==> flow/design.v <==
module mult_blk #(
  parameter int WIDTH = 6,
  parameter int WAYS = 2,
  parameter int OUT_W = 2*WIDTH + $clog2(WAYS)
) (
  input logic sys_clk,
  input logic RST,
  input logic clk_en,
  input logic [WAYS*WIDTH-1:0] rs1,
  input logic [WAYS*WIDTH-1:0] rs2,
  output logic [OUT_W-1:0] p
);
  logic [WAYS*WIDTH-1:0] rs1_reg;
  logic [WAYS*WIDTH-1:0] rs2_reg;
  always_ff @(posedge sys_clk) begin
    if (RST) begin
      rs1_reg <= 0;
      rs2_reg <= 0;
    end else if (clk_en) begin
      rs1_reg <= rs1;
      rs2_reg <= rs2;
    end
  end
  logic [2*WAYS*WIDTH-1:0] part;
  generate
    for (genvar g = 0; g < WAYS; g++) begin : u_g
      assign part[2*g*WIDTH +: 2*WIDTH] = rs1_reg[g*WIDTH +: WIDTH] * rs2_reg[g*WIDTH +: WIDTH];
    end
  endgenerate
  logic [2*WAYS*WIDTH-1:0] part_reg;
  always_ff @(posedge sys_clk) begin
    if (RST) begin
      part_reg <= 0;
    end else if (clk_en) begin
      part_reg <= part;
    end
  end
  logic [OUT_W-1:0] tmp;
  always_comb begin
    tmp = 0;
    for (int k = 0; k < WAYS; k++)
      tmp = tmp + part_reg[2*k*WIDTH +: 2*WIDTH];
  end
  always_ff @(posedge sys_clk) begin
    if (RST) begin
      p <= 0;
    end else if (clk_en) begin
      p <= tmp;
    end
  end
endmodule
# From RTL to reports: mult_blk
# Tool output for the members of one design family, told apart by "WIDTH", in the order of the flow.
# The file above is the member WIDTH=6. Line numbers count from 1 in each member's own file.
# Operators: Yosys type, input widths -> output width; for muxes data width and select width s.
# Library cell names are shortened.
# Not given: n/a
[design]
design = "mult_blk"
clock = "sys_clk"
cell_library = "sky130hd"
lib_corner = "tt_025C_1v80"

# Members of the sweep
# Lines of each other member's file that are new or changed against the file above; lines that a member lacks are not shown.
[src_changes]
columns = ["WIDTH", "line", "source"]
rows = [
  [10, 2, "parameter int WIDTH = 10,"],
  [11, 2, "parameter int WIDTH = 11,"],
  [12, 2, "parameter int WIDTH = 12,"],
  [16, 2, "parameter int WIDTH = 16,"],
]

# After elaboration
# Source: Yosys, flattened and elaborated, memories not mapped. Widths are those after wreduce; folded enables and synchronous resets count as part of the registers. Registers that Yosys merges into a memory's read port (data or address) are not register bits. Print and check cells do not count. Equal cells are merged and count once.
[classes]
columns = ["WIDTH", "add_sub_neg", "n_mul", "n_div", "compare", "n_eq", "shift", "n_mux", "logic", "reduce_logical"]
rows = [
  [6, 1, 2, 0, 0, 0, 0, 0, 0, 0],
  [10, 1, 2, 0, 0, 0, 0, 0, 0, 0],
  [11, 1, 2, 0, 0, 0, 0, 0, 0, 0],
  [12, 1, 2, 0, 0, 0, 0, 0, 0, 0],
  [16, 1, 2, 0, 0, 0, 0, 0, 0, 0],
]
[ops]
columns = ["WIDTH", "op_list"]
rows = [
  [6, "2 x $mul 6x6->12; 1 x $add 12x12->13"],
  [10, "2 x $mul 10x10->20; 1 x $add 20x20->21"],
  [11, "2 x $mul 11x11->22; 1 x $add 22x22->23"],
  [12, "2 x $mul 12x12->24; 1 x $add 24x24->25"],
  [16, "2 x $mul 16x16->32; 1 x $add 32x32->33"],
]
[bits]
columns = ["WIDTH", "register_bits", "latch_bits", "mem_bits_rw", "romBits", "clocked_rd_ports_x_width", "memories", "out_inout_bits"]
rows = [
  [6, 61, 0, 0, 0, 0, 0, 13],
  [10, 101, 0, 0, 0, 0, 0, 21],
  [11, 111, 0, 0, 0, 0, 0, 23],
  [12, 121, 0, 0, 0, 0, 0, 25],
  [16, 161, 0, 0, 0, 0, 0, 33],
]

# Longest topological paths
# Yosys ltp: most cells in a row. Word level: on the elaborated netlist, between registers, memories and ports. Mapped: between sequential cells and ports; inverters and the memories' decode and read muxes count.
[logic_depth]
columns = ["WIDTH", "ltp_word", "ABC_AREA", "ltp_mapped", "mapped_depth_nobuf"]
rows = [
  [6, 1, 0, 13, 13],
  [10, 1, 0, 20, 19],
  [11, 1, 0, 21, 20],
  [12, 1, 0, 21, 19],
  [16, 1, 0, 25, 22],
]

# Mapped cells and area
# Yosys stat after the flow's synthesis: flattened, memories mapped to cells. It holds for the ABC_AREA given above (unset counts as 0); a run with the other value may have another netlist.
[by_type]
columns = ["WIDTH", "cell_types"]
rows = [
  [6, "61 x dfxtp_1; 35 x fa_1; 52 x ha_1; 37 x mux2i_1; 47 x and2_1; 52 x inv_1; 52 x nor2_1; 43 x nand2_1; 11 x o21a_1; 16 x a21oi_1; 14 x nor3_1; 9 x a211oi_1; 7 x or4_1; 10 x buf_2; 10 x nand3_1; 9 x o21ai_0; 5 x a21o_1; 6 x nand4_1; [+65]"],
  [10, "125 x fa_1; 101 x dfxtp_1; 130 x ha_1; 136 x and2_1; 64 x mux2i_1; 117 x nand2_1; 113 x inv_1; 90 x nor2_1; 30 x xnor2_1; 43 x a21oi_1; 57 x clkbuf_1; 37 x o21ai_0; 17 x xor2_1; 15 x a21o_1; 11 x a211oi_1; 8 x o21a_1; 11 x nand3_1; 6 x a22o_1; [+90]"],
  [11, "161 x fa_1; 111 x dfxtp_1; 142 x ha_1; 140 x and2_1; 217 x inv_1; 65 x mux2i_1; 151 x nand2_1; 108 x nor2_1; 31 x xnor2_1; 65 x clkbuf_1; 45 x a21oi_1; 38 x o21ai_0; 19 x a21o_1; 16 x xor2_1; 17 x a211oi_1; 13 x o21a_1; 9 x nor2b_1; 8 x nand2b_1; [+90]"],
  [12, "201 x fa_1; 121 x dfxtp_1; 148 x ha_1; 283 x inv_1; 240 x nand2_1; 80 x mux2i_1; 111 x and2_1; 117 x nor2_1; 61 x o21ai_0; 58 x a21oi_1; 76 x clkbuf_1; 26 x xnor2_1; 23 x xor2_1; 25 x a21o_1; 16 x nand2b_1; 13 x a211oi_1; 11 x o211ai_1; 15 x nand3_1; [+111]"],
  [16, "389 x fa_1; 161 x dfxtp_1; 240 x ha_1; 473 x inv_1; 245 x and2_1; 336 x nand2_1; 124 x mux2i_1; 174 x nor2_1; 49 x xnor2_1; 82 x a21oi_1; 103 x clkbuf_1; 45 x a21o_1; 25 x xor2_1; 38 x o21ai_0; 27 x nand3_1; 15 x nand2b_1; 12 x a211oi_1; 12 x nor3b_1; [+196]"],
]
# The mark [+n] counts cells that are not listed.
[synth_totals]
columns = ["WIDTH", "cell_count", "synth_area_um2", "seq_area_um2", "flip_flops", "n_buf"]
rows = [
  [6, 541, 4878.4, 1221.2, 61, 19],
  [10, 1201, 10877.9, 2021.9, 101, 67],
  [11, 1446, 12743.5, 2222.1, 111, 72],
  [12, 1736, 14919.3, 2422.3, 121, 84],
  [16, 2746, 24283.3, 3223.1, 161, 116],
]

# Timing after synthesis
# Path of least setup slack by OpenSTA after synthesis, without wires, with an ideal clock, recovery checks aside; 20% of the period is set as input and as output delay. Where synthesis merged equal registers, the netlist keeps one of their names.
[synth_timing]
columns = ["WIDTH", "path_kind", "start", "end", "tclk_ns", "setup_slack_ns", "path_stages", "path_delay_ns", "period_less_setup_slack_ns"]
rows = [
  [6, "flip-flop to flip-flop", "register rs1_reg[2]", "register part_reg[10]", 4.56, 0.912, 13, 3.649, 3.648],
  [10, "flip-flop to flip-flop", "register rs2_reg[1]", "register part_reg[16]", 6.24, 1.246, 20, 4.995, 4.994],
  [11, "flip-flop to flip-flop", "register rs2_reg[13]", "register part_reg[42]", 6.47, 1.293, 20, 5.177, 5.177],
  [12, "flip-flop to flip-flop", "register rs1_reg[19]", "register part_reg[45]", 6.41, 1.285, 19, 5.126, 5.125],
  [16, "flip-flop to flip-flop", "register rs2_reg[9]", "register part_reg[30]", 7.66, 1.534, 26, 6.125, 6.126],
]
# "path_delay_ns" is the arrival time less input delay plus setup time.
# "path_stages": output pins that drive a net of the path, with the launching flip-flop's if there is one; two outputs of one cell count as two.
# "period_less_setup_slack_ns" = period - worst setup slack (recovery checks aside). The figure is calculated, with input and output delays left at 20% of the set period.
# The rows between start and end are the longest chain of elaborated cells between them; the timing report does not say that the signal goes this way. Where chains are equally long, one stands for them.
# Each line given opens the expression or statement behind the cell; cells for indexed reads and writes are added by Yosys, which also makes memories of some case tables.
[synth_via_WIDTH_6]
elab_chain_cells = 1
[synth_rtl_WIDTH_6]
columns = ["item", "line", "source"]
rows = [
  ["start: declaration", 13, "logic [WAYS*WIDTH-1:0] rs1_reg;"],
  ["start: assignment", 17, "rs1_reg <= 0;"],
  ["start: assignment", 20, "rs1_reg <= rs1;"],
  ["$mul 6x6->12", 27, "assign part[2*g*WIDTH +: 2*WIDTH] = rs1_reg[g*WIDTH +: WIDTH] * rs2_reg[g*WIDTH +: WIDTH];"],
  ["end: assignment", 33, "part_reg <= 0;"],
  ["end: assignment", 35, "part_reg <= part;"],
  ["end: declaration", 30, "logic [2*WAYS*WIDTH-1:0] part_reg;"],
]
[synth_via_WIDTH_16]
elab_chain_cells = 1
[synth_rtl_WIDTH_16]
columns = ["item", "line", "source"]
rows = [
  ["start: declaration", 14, "logic [WAYS*WIDTH-1:0] rs2_reg;"],
  ["start: assignment", 18, "rs2_reg <= 0;"],
  ["start: assignment", 21, "rs2_reg <= rs2;"],
  ["$mul 16x16->32", 27, "assign part[2*g*WIDTH +: 2*WIDTH] = rs1_reg[g*WIDTH +: WIDTH] * rs2_reg[g*WIDTH +: WIDTH];"],
  ["end: assignment", 33, "part_reg <= 0;"],
  ["end: assignment", 35, "part_reg <= part;"],
  ["end: declaration", 30, "logic [2*WAYS*WIDTH-1:0] part_reg;"],
]

# Timing after layout
# Path of least setup slack in the final report of each member's run (OpenROAD, finished layout, wires in). Where an end is a register, its clock arrival counts in the times.
[layout_timing]
columns = ["WIDTH", "path_kind", "start", "end", "tclk_ns", "setup_slack_ns", "path_stages", "arrival_time_ns", "path_buffers"]
rows = [
  [6, "flip-flop to flip-flop", "register rs1_reg[2]", "register part_reg[10]", 4.56, 0.68, 13, 4.11, 0],
  [10, "flip-flop to flip-flop", "register rs2_reg[1]", "register part_reg[16]", 6.24, 0.93, 19, 5.53, 0],
  [11, "flip-flop to flip-flop", "register rs2_reg[13]", "register part_reg[42]", 6.47, 0.83, 19, 5.91, 0],
  [12, "flip-flop to flip-flop", "register rs2_reg[3]", "register part_reg[22]", 6.41, 0.78, 18, 5.96, 0],
  [16, "flip-flop to flip-flop", "register rs2_reg[7]", "register part_reg[30]", 7.66, 0.97, 21, 7.09, 0],
]

# Layout results
# Settings and results of one run of the flow (Yosys, OpenROAD) for each member follow. The constraints put input and output delay at 20% of the set period each and load the outputs with 0.01 pF.
[settings]
CAP_MARGIN = 20
CORE_MARGIN = 2
CORE_UTILIZATION = 40
SLEW_MARGIN = 20
[settings_diff]
columns = ["WIDTH", "period_ns"]
rows = [
  [6, 4.56],
  [10, 6.24],
  [11, 6.47],
  [12, 6.41],
  [16, 7.66],
]
[results]
columns = ["WIDTH", "yosys_chip_area_um2", "dieArea_um2", "layout_stdcell_area_um2", "utilization_pct", "final_setup_ws_ns", "total_negative_slack_ns", "fin_hold_ws_ns", "final_power_mw", "achieved_period_ns"]
rows = [
  [6, 4878.4, 13095.4, 5635.4, 47.1, 0.675, 0.000, 0.463, 1.385, 3.885],
  [10, 10877.9, 28530.6, 11979.0, 44.7, 0.929, 0.000, 0.468, 1.692, 5.311],
  [11, 12743.5, 33302.6, 13987.2, 44.4, 0.827, 0.000, 0.472, 1.811, 5.643],
  [12, 14919.3, 38858.3, 16673.5, 45.4, 0.782, 0.000, 0.462, 2.630, 5.628],
  [16, 24283.3, 62695.2, 26527.9, 44.1, 0.968, 0.000, 0.457, 3.047, 6.692],
]
# By "achieved_period_ns" is meant the clock period of the run minus its worst setup slack. This is arithmetic on one report: input and output delays are still those of the set period (20% each).
# "final_power_mw": no workload was simulated; the value follows from the tool's default switching activity.
